==> flow/design.v <==
module ex_sum_block #(
  parameter int WD = 72
) (
  input  logic clk,
  input  logic aresetn,
  input  logic clk_en,
  input  logic [WD-1:0] src1,
  input  logic [WD-1:0] src2,
  output logic [WD:0] res
);
  logic [WD-1:0] src1_reg;
  always_ff @(posedge clk or negedge aresetn) begin
    if (!aresetn) begin
      src1_reg <= '0;
    end else if (clk_en) begin
      src1_reg <= src1;
    end
  end
  logic [WD-1:0] src2_reg;
  always_ff @(posedge clk or negedge aresetn) begin
    if (!aresetn) begin
      src2_reg <= '0;
    end else if (clk_en) begin
      src2_reg <= src2;
    end
  end
  assign res = src1_reg + src2_reg;
endmodule
# Reports on ex_sum_block
# The steps from the RTL of ex_sum_block to its reports follow in flow order.
# Line numbers count from 1 in the design file above.
# Operators: Yosys type, input widths -> output width; for muxes data width and select width s.
# Cell names lack the library's common part.
# Not given: n/a
[design]
design = "ex_sum_block"
clk_port = "clk"
cell_library = "sky130hd"
corner = "tt_025C_1v80"

# Word-level counts
# Counts by Yosys on the flattened word-level netlist (proc, flatten, opt, wreduce; memories kept). Register bits leave out memories and registers merged into their read ports (data or address); mux counts leave out enables and synchronous resets folded into registers. Print and check cells are left out. Cells with the same type and inputs are merged into one.
[word_totals]
regBits = 144
latch_bits = 0
ramBits = 0
rom_bits = 0
clocked_rd_ports_x_width = 0
mem_count = 0
output_inout_bits = 73
elab_cells = 3
[op_classes]
n_addsub = 1
mul = 0
div = 0
cmp = 0
n_eq = 0
shifts = 0
muxes = 0
bitwise = 0
n_reduce_logical = 0
[ops]
columns = ["cell", "n"]
rows = [
  ["$add 72x72->73", 1],
]

# Depth
# Depth = most cells in a row (Yosys ltp): at word level without a register or memory, in the mapped netlist without a sequential cell, where the memories' decode and read muxes count.
[logic_depth]
depth_word = 1
ABC_AREA = 0
mapped_depth = 12

# Synthesis result
# The flow's flattened synthesis, as Yosys stat reports it; memories are mapped. The netlist is that of the ABC_AREA named above (0 if unset); the other value can give another one.
# The area totals of this step are shown rounded.
[mapped]
stdcells = 926
yosys_area_um2 = 9400
seqArea_um2 = 3600
ff_cells = 144
n_buf = 36
[types]
columns = ["type", "n", "type_area_um2"]
rows = [
  ["dfrtp_1", 144, 3.6E+03],
  ["mux2_2", 144, 1.62E+03],
  ["ha_1", 72, 900.864],
  ["a21oi_1", 104, 520.499],
  ["xnor2_1", 41, 359.094],
  ["o21ai_0", 61, 305.293],
  ["nand2_1", 68, 255.245],
  ["xor2_1", 29, 253.994],
  ["nor2_1", 49, 183.926],
  ["clkbuf_1", 34, 127.622],
  ["a21o_1", 16, 120.115],
  ["nand4_1", 18, 112.608],
  ["o21bai_1", 14, 105.101],
  ["inv_1", 19, 71.318],
  ["nand3_1", 14, 70.067],
  ["a31oi_1", 8, 50.048],
  ["nor3_1", 10, 50.048],
  ["nand2b_1", 7, 43.792],
]
# Not listed: further types 36, cells in them 74.

# Path before layout
# Path of least setup slack by OpenSTA after synthesis, without wires, with an ideal clock, recovery checks aside; 20% of the period is set as input and as output delay. Where synthesis merged equal registers, the netlist keeps one of their names.
[synth_path]
kind = "reg-to-output"
start = "reg src1_reg[0]"
end = "out res[68]"
period_ps = 4990
output_delay_ps = 998
t_first_pin_ps = 0
arrival_ps = 3192
required_time_ps = 3992
setup_slack_ps = 800
delay_ps = 3192
stages = 13
path_buffers = 0
period_less_setup_slack_ps = 4190
# "delay_ps" = arrival - input delay + setup time.
# A path that ends at an output port has no setup time.
# "stages" counts driving pins, that of a launching flip-flop among them; a cell with two outputs on the path counts twice.
# "period_less_setup_slack_ps" is the clock period less the worst setup slack; recovery checks do not enter. This is arithmetic on one report: input and output delays are still those of the set period (20% each).
# Between the ends stands the longest chain of elaborated cells between them, by number of cells; it is not shown to be the way that was timed. Of several equally long chains one is given.
# A line is the first line of the expression or statement that the cell stems from. Yosys adds cells for indexed reads and writes and turns some case tables into memories.
[synth_via]
path_cell_list = "dfrtp_1 ha_1 fa_1 a21o_1 a221oi_2 nor4b_2 or2_2 a41oi_4 o41ai_4 a21oi_1 a21oi_1 a41oi_1 xnor2_1"
elab_chain_len = 1
cells_between = 1
lines_between = 1
cone_classes = "add/sub (1)"
[synth_lines]
columns = ["element", "line_no", "text"]
rows = [
  ["start: declaration", 11, "logic [WD-1:0] src1_reg;"],
  ["start: assignment", 14, "src1_reg <= '0;"],
  ["start: assignment", 16, "src1_reg <= src1;"],
  ["$add 72x72->73", 27, "assign res = src1_reg + src2_reg;"],
  ["end: declaration", 9, "output logic [WD:0] res"],
]

# Worst path after layout
# Path of least setup slack in the final report of flow run A (OpenROAD, finished layout, wires in). Where an end is a register, its clock arrival counts in the times.
# The path's times are printed in steps of 10 ps; the period is the one set.
[layout_path]
kind = "reg-to-output"
start = "reg src1_reg[14]"
end = "out res[71]"
period_ps = 4990
output_delay_ps = 1000
t_first_pin_ps = 430
arrival_ps = 3940
required_time_ps = 3990
setup_slack_ps = 50
stages = 13
path_buffers = 1
# Between the ends stands the longest chain of elaborated cells between them, by number of cells; it is not shown to be the way that was timed. Of several equally long chains one is given.
[layout_via]
path_cell_list = "dfrtp_1 ha_1 a21oi_1 o21ai_0 a221o_1 a21oi_2 a31oi_4 a2111oi_2 nor2_1 a31oi_2 o21ai_2 xor2_1 clkdlybuf4s50_1"
elab_chain_len = 1
cells_between = 1
lines_between = 1
cone_classes = "add/sub (1)"
[layout_lines]
columns = ["element", "line_no", "text"]
rows = [
  ["start: declaration", 11, "logic [WD-1:0] src1_reg;"],
  ["start: assignment", 14, "src1_reg <= '0;"],
  ["start: assignment", 16, "src1_reg <= src1;"],
  ["$add 72x72->73", 27, "assign res = src1_reg + src2_reg;"],
  ["end: declaration", 9, "output logic [WD:0] res"],
]

# 3 stored runs of ex_sum_block in the flow (synthesis by Yosys, layout by OpenROAD, sky130hd cells), in arbitrary order. Constraints: input delay and output delay 20% of the set period each, output load 0.01 pF.
# "period_less_ws_ps" means the clock period less the worst setup slack. The figure is calculated, with input and output delays left at 20% of the set period.
# "worstPathTime_ps": the worst setup path's part of the clock period (all of it between registers, 20% less for each end at a port) less its slack. A launch clock that arrives late makes it longer, a capture clock that arrives late makes it shorter.
# "power_uw" rests on the timing tool's default activity at the inputs, not on a simulated workload.
# "worstPathTime_ps" is known to 10 ps.
# Measured values are rounded.

[[run]]
name = "flow run A"
[run.settings]
period_ns = 4.99
CAP_MARGIN = 20
CORE_MARGIN = 2
CORE_UTILIZATION = 40
SLEW_MARGIN = 20
[run.results]
final_setup_ws_ps = 51
power_uw = 4930
period_less_ws_ps = 4939
synthArea_um2 = 9400
worstPathTime_ps = 3940
path_kind = "reg-to-output"
die_area_um2 = 24700
layout_utilization_frac = 0.555
tns_ps = 0

[[run]]
name = "flow run B"
[run.settings]
period_ns = 4.76
CORE_UTILIZATION = 65
SETUP_SLACK_MARGIN = 1.07
PLACE_DENSITY_LB_ADDON = 0.21
HOLD_SLACK_MARGIN = 0.16
CORE_ASPECT_RATIO = 0.54
CELL_PAD_IN_SITES_DETAIL_PLACEMENT = 1
TNS_END_PERCENT = 45
GPL_TIMING_DRIVEN = 1
CAP_MARGIN = 30
MIN_ROUTING_LAYER = "met1"
CORE_MARGIN = 2
SLEW_MARGIN = 20
[run.results]
outcome = "not finished: placement ended with error DPL-0033"

[[run]]
name = "flow run C"
[run.settings]
period_ns = 4.54
CORE_UTILIZATION = 32
PLACE_DENSITY = 0.71
CORE_ASPECT_RATIO = 0.59
CORE_MARGIN = 8
CELL_PAD_IN_SITES_GLOBAL_PLACEMENT = 3
TNS_END_PERCENT = 100
GPL_TIMING_DRIVEN = 0
CTS_CLUSTER_DIAMETER = 222
SLEW_MARGIN = 5
MAX_ROUTING_LAYER = "met4"
CAP_MARGIN = 20
[run.results]
worstPathTime_ps = 3770
path_kind = "reg-to-output"
period_less_ws_ps = 4680
tns_ps = -690
synthArea_um2 = 9400
power_uw = 5630
die_area_um2 = 35300
layout_utilization_frac = 0.465
final_setup_ws_ps = -140
